==> flow/design.v <==
module alu_comparator_rtl #(
  parameter DW = 36
) (
  input clk,
  input aresetn,
  input [DW-1:0] i_a,
  input [DW-1:0] i_b,
  output reg o_a_lt_b,
  output reg o_equal
);
  wire [DW:0] cur;
  assign cur = {1'b0, i_a} - {1'b0, i_b};
  always @(posedge clk) begin
    if (~aresetn) begin
      o_a_lt_b <= 1'b0;
      o_equal <= 1'b0;
    end else begin
      o_a_lt_b <= cur[DW];
      o_equal <= ~|cur[DW-1:0];
    end
  end
endmodule
; ---- Tool chain data of alu_comparator_rtl
; Tool output for the design above, in the order of the flow.
; Lines are those of the file above, counted from 1.
; Cell names lack the library's common part.
; A cell with -- has no value.
[design]
top_module = alu_comparator_rtl
clk_port = clk
cell_library = sky130hd
lib_corner = tt_025C_1v80

; ---- After elaboration
; Counts by Yosys on the flattened word-level netlist (proc, flatten, opt, wreduce; memories kept). Register bits leave out memories and registers merged into their read ports (data or address); mux counts leave out enables and synchronous resets folded into registers. Print and check cells are left out. Cells with the same type and inputs are merged into one.
[word_totals]
ff_bits = 2
in_bits = 74
out_inout_bits = 2
word_cells = 5
[classes]
n_addsub = 1
n_reduce_logical = 2
[ops]
columns = operator, count
row1 = 36-bit by 36-bit subtractor with 37-bit output, 1
row2 = 36-bit OR reduction, 1
row3 = 1-bit logical NOT, 1

; ---- Longest topological paths
; Depth = most cells in a row (Yosys ltp): at word level without a register or memory, in the mapped netlist without a sequential cell, where the memories' decode and read muxes count.
[depth]
ltp_word = 3
ABC_AREA = 0
mapped_depth = 14
mapped_depth_nobuf = 14

; ---- After synthesis
; Source: synth_stat.txt of the flow (Yosys; design flattened, memories mapped). It holds for the ABC_AREA given above (unset counts as 0); a run with the other value may have another netlist.
; The area totals of this step are shown rounded.
[types]
columns = cell, count, area_total_um2
row1 = ha_1, 36, 450.432
row2 = inv_1, 45, 168.912
row3 = a21oi_1, 31, 155.149
row4 = nand2_1, 27, 101.347
row5 = o21ai_0, 20, 100.096
row6 = xnor2_1, 10, 87.584
row7 = a21o_1, 11, 82.579
row8 = nor2_1, 22, 82.579
row9 = nor3_1, 14, 70.067
row10 = nand4_1, 11, 68.816
row11 = nand3_1, 13, 65.062
row12 = o21a_1, 8, 60.058
row13 = a211oi_1, 6, 45.043
row14 = xor2_1, 5, 43.792
row15 = dfxtp_1, 2, 40.038
row16 = o21ai_1, 8, 40.038
row17 = o21bai_1, 5, 37.536
row18 = buf_2, 7, 35.034
; Not listed: further types 49, cells in them 82.
[mapped]
mapped_cells = 363
yosys_area_mm2 = 0.0024
seq_area_mm2 = 0.00004
ffs = 2
buffers = 13

; ---- Path before layout
; OpenSTA on the mapped netlist: ideal clock, no wires. The path of least setup slack (recovery checks aside). Input and output delay are each 20% of the period. Register names are those of the netlist, which keeps one name where synthesis merged equal registers.
[synth_path]
path_type = in2reg
from = input port i_a[0]
to = register o_equal
clock_period_ns = 4.58
in_delay_ns = 0.916
setup_time_ns = 0.103
launch_ns = 0.916
arrival_ns = 3.745
required_time_ns = 4.477
path_slack_ns = 0.732
path_delay_ns = 2.932
driving_pins = 14
n_path_buf = 0
synth_period_reached_ns = 3.848
; "path_delay_ns" = arrival - input delay + setup time.
; "driving_pins": output pins that drive a net of the path, with the launching flip-flop's if there is one; two outputs of one cell count as two.
; "synth_period_reached_ns" is the clock period less the worst setup slack; recovery checks do not enter. This is arithmetic on one report: input and output delays are still those of the set period (20% each).
; The rows between start and end are the longest chain of elaborated cells between them; the timing report does not say that the signal goes this way. Where chains are equally long, one stands for them.
; Each line given opens the expression or statement behind the cell; cells for indexed reads and writes are added by Yosys, which also makes memories of some case tables.
[synth_via]
cell_sequence = inv_1 ha_1 fa_1 nand3_1 a221oi_2 nand3_1 nor4_1 nand3_1 nor4_1 nand4_1 nor4_2 nand4_1 or4_1 a2111oi_2
elab_chain_cells = 3
cells_between = 3
lines_between = 2
cone_classes = add/sub (1); reduce/logical (2)
[synth_rtl]
columns = element, line
row1 = "start, declared", 6  ; input [DW-1:0] i_a,
row2 = 36-bit by 36-bit subtractor with 37-bit output, 12  ; assign cur = {1'b0, i_a} - {1'b0, i_b};
row3 = 36-bit OR reduction, 19  ; o_equal <= ~|cur[DW-1:0];
row4 = 1-bit logical NOT, 19
row5 = "end, assigned", 16  ; o_equal <= 1'b0;
row6 = "end, assigned", 19
row7 = "end, declared", 9  ; output reg o_equal

; ---- Worst path after layout
; From the final timing report of run 2: the path of least setup slack in the routed layout; clock arrival at registers is part of the times.
[layout_path]
path_type = in2reg
from = input port i_b[3]
to = register o_equal
clock_period_ns = 4.58
in_delay_ns = 0.92
setup_time_ns = 0.10
launch_ns = 0.92
arrival_ns = 4.50
required_time_ns = 4.69
path_slack_ns = 0.20
driving_pins = 15
n_path_buf = 2
; The rows between start and end are the longest chain of elaborated cells between them; the timing report does not say that the signal goes this way. Where chains are equally long, one stands for them.
[layout_via]
cell_sequence = clkdlybuf4s50_1 inv_1 ha_1 buf_4 nor2_1 a211oi_4 o21ai_2 a21oi_2 or3_1 a211oi_2 nand4_1 nor4_2 nand4_1 or4_4 a2111oi_4
elab_chain_cells = 3
cells_between = 3
lines_between = 2
cone_classes = add/sub (1); reduce/logical (2)
[layout_rtl]
columns = element, line
row1 = "start, declared", 7  ; input [DW-1:0] i_b,
row2 = 36-bit by 36-bit subtractor with 37-bit output, 12  ; assign cur = {1'b0, i_a} - {1'b0, i_b};
row3 = 36-bit OR reduction, 19  ; o_equal <= ~|cur[DW-1:0];
row4 = 1-bit logical NOT, 19
row5 = "end, assigned", 16  ; o_equal <= 1'b0;
row6 = "end, assigned", 19
row7 = "end, declared", 9  ; output reg o_equal

Wiki page: alu_comparator_rtl / flow data

Record of 3 stored runs of the RTL-to-layout flow on alu_comparator_rtl, platform sky130hd. The runs are unordered. Constraints: input delay and output delay 20% of the set period each, output load 0.01 pF.
"final_power_w" is the tool's figure for a default switching activity; nothing was simulated.
Results are given in rounded form.

# run 1
==> flow/run.sh <==
#!/bin/bash
# the make line also repeats the synthesis and layout settings of config.mk as NAME=value (left out here)
make -C /OpenROAD-flow-scripts/flow DESIGN_CONFIG=/design/flow/config.mk WORK_HOME=/design/flow/orfs CLKGATE_MAP_FILE= finish
==> flow/config.mk <==
export PLATFORM = sky130hd
export DESIGN_NAME = alu_comparator_rtl
export DESIGN_NICKNAME = alu_comparator_rtl
export VERILOG_FILES = /design/flow/design.v
export SDC_FILE = /design/flow/constraint.sdc
export NUM_CORES = 4
export LEC_CHECK = 0
export CAP_MARGIN = 20
export CELL_PAD_IN_SITES_GLOBAL_PLACEMENT = 1
export CORE_ASPECT_RATIO = 1.2
export CORE_MARGIN = 2
export CORE_UTILIZATION = 72
export CTS_CLUSTER_SIZE = 71
export GPL_TIMING_DRIVEN = 1
export MIN_ROUTING_LAYER = met2
export SETUP_SLACK_MARGIN = 0.32
export SLEW_MARGIN = 25
==> flow/constraint.sdc <==
create_clock -name core_clock -period 3.88 [get_ports {clk}]
set_input_delay 0.7760 -clock core_clock [delete_from_list [all_inputs] [get_ports {clk}]]
set_output_delay 0.7760 -clock core_clock [all_outputs]
set_load 0.01 [all_outputs]

==> run 1: results <==
outcome="did not finish, placement stopped with GPL-0301"

# run 2
==> flow/run.sh <==
#!/bin/bash
# the make line also repeats the synthesis and layout settings of config.mk as NAME=value (left out here)
make -C /OpenROAD-flow-scripts/flow DESIGN_CONFIG=/design/flow/config.mk WORK_HOME=/design/flow/orfs CLKGATE_MAP_FILE= finish
==> flow/config.mk <==
export PLATFORM = sky130hd
export DESIGN_NAME = alu_comparator_rtl
export DESIGN_NICKNAME = alu_comparator_rtl
export VERILOG_FILES = /design/flow/design.v
export SDC_FILE = /design/flow/constraint.sdc
export NUM_CORES = 4
export LEC_CHECK = 0
export CAP_MARGIN = 20
export CORE_MARGIN = 2
export CORE_UTILIZATION = 40
export SLEW_MARGIN = 20
==> flow/constraint.sdc <==
create_clock -name core_clock -period 4.58 [get_ports {clk}]
set_input_delay 0.9160 -clock core_clock [delete_from_list [all_inputs] [get_ports {clk}]]
set_output_delay 0.9160 -clock core_clock [all_outputs]
set_load 0.01 [all_outputs]

==> run 2: results <==
yosys_chip_area_mm2=0.0024
final_die_area_mm2=0.0067
cell_area_final_mm2=0.0034
setup_ws_ns=0.20
timing.setup.tns_ns=0.000
hold_worst_slack_ns=1.4
final_power_w=0.00051

# run 3
==> flow/run.sh <==
#!/bin/bash
# the make line also repeats the synthesis and layout settings of config.mk as NAME=value (left out here)
make -C /OpenROAD-flow-scripts/flow DESIGN_CONFIG=/design/flow/config.mk WORK_HOME=/design/flow/orfs CLKGATE_MAP_FILE= finish
==> flow/config.mk <==
export PLATFORM = sky130hd
export DESIGN_NAME = alu_comparator_rtl
export DESIGN_NICKNAME = alu_comparator_rtl
export VERILOG_FILES = /design/flow/design.v
export SDC_FILE = /design/flow/constraint.sdc
export NUM_CORES = 4
export LEC_CHECK = 0
export CAP_MARGIN = 25
export CORE_MARGIN = 2
export CORE_UTILIZATION = 46
export MAX_ROUTING_LAYER = met5
export MIN_ROUTING_LAYER = met1
export PLACE_DENSITY_LB_ADDON = 0.26
export SLEW_MARGIN = 25
export TNS_END_PERCENT = 40
==> flow/constraint.sdc <==
create_clock -name core_clock -period 3.1 [get_ports {clk}]
set_input_delay 0.6200 -clock core_clock [delete_from_list [all_inputs] [get_ports {clk}]]
set_output_delay 0.6200 -clock core_clock [all_outputs]
set_load 0.01 [all_outputs]

==> run 3: results <==
yosys_chip_area_mm2=0.0024
final_die_area_mm2=0.0059
cell_area_final_mm2=0.0044
setup_ws_ns=-0.55
timing.setup.tns_ns=-0.60
hold_worst_slack_ns=1.1
final_power_w=0.001
